==> flow/design.v <==
module alu_summer_top #(
   parameter int BITS = 7
) (
   input  logic clk,
   input  logic [BITS-1:0] x,
   input  logic [BITS-1:0] y,
   input  logic c0,
   output logic [BITS-1:0] q,
   output logic cout
);
   logic [BITS-1:0] r_x;
   always_ff @(posedge clk) begin
      r_x <= x;
   end
   logic [BITS-1:0] r_y;
   always_ff @(posedge clk) begin
      r_y <= y;
   end
   logic r_c0;
   always_ff @(posedge clk) begin
      r_c0 <= c0;
   end
   logic [BITS:0] r;
   assign r = r_x + r_y + r_c0;
   always_ff @(posedge clk) begin
      q <= r[BITS-1:0];
   end
   always_ff @(posedge clk) begin
      cout <= r[BITS];
   end
endmodule
==> reports on alu_summer_top <==
## Reports on alu_summer_top

Module alu_summer_top in several versions that differ in "BITS"; each step lists the members.
The file above is the member BITS 7. Line numbers count from 1 in each member's own file.
The mark -- stands for no value.

- Top module: alu_summer_top
- Clock: clk
- Library: sky130hd
- Timing corner: tt_025C_1v80

## Members of the sweep

Lines of each other member's file that are new or changed against the file above; lines that a member lacks are not shown.

New or changed lines:

| BITS | RTL line | text |
|---|---|---|
| 14 | 2 | `parameter int BITS = 14` |
| 32 | 2 | `parameter int BITS = 32` |
| 48 | 2 | `parameter int BITS = 48` |
| 112 | 2 | `parameter int BITS = 112` |

## Word level

Yosys after proc, flatten, opt, wreduce and memory -nomap, before mapping. Enables and synchronous resets that opt folds into registers are not counted as muxes. Memory bits, and registers merged into a memory's read port (data or address), are not among the register bits. Print and check cells are not counted. Equal cells are merged and count once.

Cells by class:

| BITS | add/subtract/negate cells |
|---|---|
| 7 | 2 |
| 14 | 2 |
| 32 | 2 |
| 48 | 2 |
| 112 | 2 |

Operators by type and width:

| BITS | kind and count |
|---|---|
| 7 | 1 x 7-bit by 7-bit adder with 8-bit output; 1 x 8-bit by 1-bit adder with 8-bit output |
| 14 | 1 x 14-bit by 14-bit adder with 15-bit output; 1 x 15-bit by 1-bit adder with 15-bit output |
| 32 | 1 x 32-bit by 32-bit adder with 33-bit output; 1 x 33-bit by 1-bit adder with 33-bit output |
| 48 | 1 x 48-bit by 48-bit adder with 49-bit output; 1 x 49-bit by 1-bit adder with 49-bit output |
| 112 | 1 x 112-bit by 112-bit adder with 113-bit output; 1 x 113-bit by 1-bit adder with 113-bit output |

Word-level totals:

| BITS | word-level cells | output and inout bits | bits in registers |
|---|---|---|---|
| 7 | 7 | 8 | 23 |
| 14 | 7 | 15 | 44 |
| 32 | 7 | 33 | 98 |
| 48 | 7 | 49 | 146 |
| 112 | 7 | 113 | 338 |

## Logic depth

Depth = most cells in a row (Yosys ltp): at word level without a register or memory, in the mapped netlist without a sequential cell, where the memories' decode and read muxes count.

Depth:

| BITS | depth in word-level cells | ABC_AREA | depth in mapped cells | gate-level depth less buffers |
|---|---|---|---|---|
| 7 | 2 | 0 | 7 | 7 |
| 14 | 2 | 0 | 8 | 8 |
| 32 | 2 | 0 | 9 | 9 |
| 48 | 2 | 0 | 12 | 12 |
| 112 | 2 | 0 | 13 | 13 |

## After synthesis

Yosys stat after the flow's synthesis: flattened, memories mapped to cells. It holds for the ABC_AREA given above (unset counts as 0); a run with the other value may have another netlist.

Synthesis totals:

| BITS | mapped cells | buffer cells | mapped area (µm²) | sequential area (µm²) | flip-flops |
|---|---|---|---|---|---|
| 7 | 60 | 0 | 775.7 | 460.4 | 23 |
| 14 | 126 | 0 | 1539.0 | 880.8 | 44 |
| 32 | 343 | 12 | 3701.0 | 1961.9 | 98 |
| 48 | 528 | 18 | 5610.4 | 2922.8 | 146 |
| 112 | 1499 | 62 | 14368.8 | 6766.5 | 338 |

Cell types:

| BITS | types with counts |
|---|---|
| 7 | 23 x sky130_fd_sc_hd__dfxtp_1; 6 x sky130_fd_sc_hd__ha_1; 2 x sky130_fd_sc_hd__fa_1; 3 x sky130_fd_sc_hd__xnor2_1; 6 x sky130_fd_sc_hd__inv_1; 4 x sky130_fd_sc_hd__a21oi_1; 1 x sky130_fd_sc_hd__o31a_4; 1 x sky130_fd_sc_hd__a311oi_2; 3 x sky130_fd_sc_hd__o21ai_0; 1 x sky130_fd_sc_hd__nor2b_4; 1 x sky130_fd_sc_hd__nor4_2; 1 x sky130_fd_sc_hd__a311o_1; 1 x sky130_fd_sc_hd__nor2b_2; 2 x sky130_fd_sc_hd__nor2_1; 1 x sky130_fd_sc_hd__nor3b_1; 1 x sky130_fd_sc_hd__o21a_1; 1 x sky130_fd_sc_hd__a31oi_1; 1 x sky130_fd_sc_hd__nor2b_1; 1 x sky130_fd_sc_hd__nand2_1 |
| 14 | 44 x sky130_fd_sc_hd__dfxtp_1; 13 x sky130_fd_sc_hd__ha_1; 8 x sky130_fd_sc_hd__xnor2_1; 8 x sky130_fd_sc_hd__a21oi_1; 2 x sky130_fd_sc_hd__fa_1; 5 x sky130_fd_sc_hd__a21o_1; 4 x sky130_fd_sc_hd__a21oi_2; 4 x sky130_fd_sc_hd__xor2_1; 5 x sky130_fd_sc_hd__nand2_1; 3 x sky130_fd_sc_hd__nand2b_1; 3 x sky130_fd_sc_hd__nor2b_1; 2 x sky130_fd_sc_hd__a21boi_0; 1 x sky130_fd_sc_hd__a311oi_2; 4 x sky130_fd_sc_hd__inv_1; 4 x sky130_fd_sc_hd__nor2_1; 1 x sky130_fd_sc_hd__o2111ai_2; 1 x sky130_fd_sc_hd__a311o_1; 1 x sky130_fd_sc_hd__and4_2; (+13) |
| 32 | 98 x sky130_fd_sc_hd__dfxtp_1; 31 x sky130_fd_sc_hd__ha_1; 23 x sky130_fd_sc_hd__a21o_1; 29 x sky130_fd_sc_hd__a21oi_1; 14 x sky130_fd_sc_hd__xnor2_1; 13 x sky130_fd_sc_hd__xor2_1; 17 x sky130_fd_sc_hd__o21ai_0; 21 x sky130_fd_sc_hd__nand2_1; 13 x sky130_fd_sc_hd__nor2_1; 7 x sky130_fd_sc_hd__a31oi_1; 11 x sky130_fd_sc_hd__clkbuf_1; 2 x sky130_fd_sc_hd__fa_1; 7 x sky130_fd_sc_hd__nand3_1; 4 x sky130_fd_sc_hd__o21bai_1; 4 x sky130_fd_sc_hd__nand4_1; 3 x sky130_fd_sc_hd__a211oi_1; 3 x sky130_fd_sc_hd__o31ai_1; 2 x sky130_fd_sc_hd__a221o_1; (+41) |
| 48 | 146 x sky130_fd_sc_hd__dfxtp_1; 47 x sky130_fd_sc_hd__ha_1; 56 x sky130_fd_sc_hd__a21oi_1; 28 x sky130_fd_sc_hd__xnor2_1; 28 x sky130_fd_sc_hd__a21o_1; 17 x sky130_fd_sc_hd__xor2_1; 34 x sky130_fd_sc_hd__nand2_1; 22 x sky130_fd_sc_hd__nor2_1; 15 x sky130_fd_sc_hd__o21ai_0; 10 x sky130_fd_sc_hd__nand4_1; 15 x sky130_fd_sc_hd__clkbuf_1; 9 x sky130_fd_sc_hd__nor2b_1; 9 x sky130_fd_sc_hd__nand3_1; 6 x sky130_fd_sc_hd__o21bai_1; 2 x sky130_fd_sc_hd__a31oi_4; 2 x sky130_fd_sc_hd__fa_1; 5 x sky130_fd_sc_hd__o21a_1; 5 x sky130_fd_sc_hd__a31oi_1; (+72) |
| 112 | 338 x sky130_fd_sc_hd__dfxtp_1; 111 x sky130_fd_sc_hd__ha_1; 167 x sky130_fd_sc_hd__a21oi_1; 61 x sky130_fd_sc_hd__xnor2_1; 131 x sky130_fd_sc_hd__nand2_1; 92 x sky130_fd_sc_hd__o21ai_0; 46 x sky130_fd_sc_hd__xor2_1; 105 x sky130_fd_sc_hd__nor2_1; 56 x sky130_fd_sc_hd__nand4_1; 40 x sky130_fd_sc_hd__a21o_1; 31 x sky130_fd_sc_hd__o21bai_1; 28 x sky130_fd_sc_hd__nor3_1; 26 x sky130_fd_sc_hd__buf_2; 34 x sky130_fd_sc_hd__clkbuf_1; 32 x sky130_fd_sc_hd__inv_1; 12 x sky130_fd_sc_hd__o21a_1; 13 x sky130_fd_sc_hd__a31oi_1; 13 x sky130_fd_sc_hd__nand2b_1; (+163) |

The mark (+n) counts cells that are not listed.

## Path before layout

Path of least setup slack by OpenSTA after synthesis, without wires, with an ideal clock, recovery checks aside; 20% of the period is set as input and as output delay. Where synthesis merged equal registers, the netlist keeps one of their names.

Path after synthesis:

| BITS | kind | start | end | path slack (ps) | clock period (ps) | stages on the path | delay of the path (ps) | synthesis period reached (ps) |
|---|---|---|---|---|---|---|---|---|
| 7 | register -> register | register r_x[0] | register q[6] | 453 | 2260 | 7 | 1807 | 1807 |
| 14 | register -> register | register r_x[0] | register cout | 470 | 2350 | 9 | 1880 | 1880 |
| 32 | register -> register | register r_x[0] | register cout | 681 | 3410 | 10 | 2729 | 2729 |
| 48 | register -> register | register r_x[0] | register q[34] | 726 | 3640 | 13 | 2913 | 2914 |
| 112 | register -> register | register r_x[0] | register q[106] | 790 | 3940 | 14 | 3150 | 3150 |

"delay of the path" is the arrival time less input delay plus setup time.
"stages on the path": output pins that drive a net of the path, with the launching flip-flop's if there is one; two outputs of one cell count as two.
"synthesis period reached" is the clock period less the worst setup slack; recovery checks do not enter. This is arithmetic on one report: input and output delays are still those of the set period (20% each).
The rows between start and end are the longest chain of elaborated cells between them; the timing report does not say that the signal goes this way. Where chains are equally long, one stands for them.
Each line given opens the expression or statement behind the cell; cells for indexed reads and writes are added by Yosys, which also makes memories of some case tables.

Between the ends, after synthesis, BITS 7:
- Length of the longest elaborated chain: 2

RTL lines, path after synthesis, BITS 7:

| item | RTL line | text |
|---|---|---|
| start, declared | 11 | `logic [BITS-1:0] r_x;` |
| start, assigned | 13 | `r_x <= x;` |
| 7-bit by 7-bit adder with 8-bit output | 24 | `assign r = r_x + r_y + r_c0;` |
| 8-bit by 1-bit adder with 8-bit output | 24 |  |
| end, assigned | 26 | `q <= r[BITS-1:0];` |
| end, declared | 8 | `output logic [BITS-1:0] q,` |

Between the ends, after synthesis, BITS 112:
- Length of the longest elaborated chain: 2

RTL lines, path after synthesis, BITS 112:

| item | RTL line | text |
|---|---|---|
| start, declared | 11 | `logic [BITS-1:0] r_x;` |
| start, assigned | 13 | `r_x <= x;` |
| 112-bit by 112-bit adder with 113-bit output | 24 | `assign r = r_x + r_y + r_c0;` |
| 113-bit by 1-bit adder with 113-bit output | 24 |  |
| end, assigned | 26 | `q <= r[BITS-1:0];` |
| end, declared | 8 | `output logic [BITS-1:0] q,` |

## Worst path after layout

From the final timing report of the run of each member: the path of least setup slack in the routed layout; clock arrival at registers is part of the times.
The report prints the path's times to 10 ps; the period is as set.

Path post-layout:

| BITS | kind | start | end | path slack (ps) | buffers on the path | stages on the path | data arrival time (ps) | clock period (ps) |
|---|---|---|---|---|---|---|---|---|
| 7 | register -> register | register r_x[0] | register q[6] | 390 | 0 | 7 | 2060 | 2260 |
| 14 | register -> register | register r_x[0] | register cout | 350 | 0 | 9 | 2180 | 2350 |
| 32 | register -> register | register r_x[0] | register cout | 480 | 0 | 10 | 3190 | 3410 |
| 48 | register -> register | register r_x[0] | register cout | 400 | 0 | 13 | 3540 | 3640 |
| 112 | register -> register | register r_x[0] | register q[106] | 340 | 0 | 14 | 4080 | 3940 |

## Measured runs

Settings and results of one run of the flow (Yosys, OpenROAD) for each member follow. The constraints put input and output delay at 20% of the set period each and load the outputs with 0.01 pF.

- CAP_MARGIN: 20
- CORE_MARGIN: 2
- CORE_UTILIZATION: 40
- SLEW_MARGIN: 20

Settings that differ:

| BITS | period_ns |
|---|---|
| 7 | 2.26 |
| 14 | 2.35 |
| 32 | 3.41 |
| 48 | 3.64 |
| 112 | 3.94 |

Results:

| BITS | total design power (W) | final utilization (%) | total die area (µm²) | chip area in the Yosys report (µm²) | final worst hold slack (ps) | lowest setup slack (ps) | standard-cell area after layout (µm²) | achieved clock period (ps) | setup TNS (ps) |
|---|---|---|---|---|---|---|---|---|---|
| 7 | 0.0008031 | 59.6 | 2307.8 | 775.7 | 515 | 394 | 1063.5 | 1866 | 0 |
| 14 | 0.001676 | 57.7 | 4359.3 | 1539.0 | 502 | 346 | 2129.5 | 2004 | 0 |
| 32 | 0.002687 | 54.6 | 10038.0 | 3701.0 | 517 | 479 | 4969.8 | 2931 | 0 |
| 48 | 0.004465 | 56.7 | 14989.1 | 5610.4 | 502 | 405 | 7816.2 | 3235 | 0 |
| 112 | 0.00969 | 54.3 | 37453.9 | 14368.8 | 498 | 341 | 19269.7 | 3599 | 0 |

"achieved clock period" = clock period - worst setup slack. The figure is calculated, with input and output delays left at 20% of the set period.
"total design power" is the tool's figure for a default switching activity; nothing was simulated.
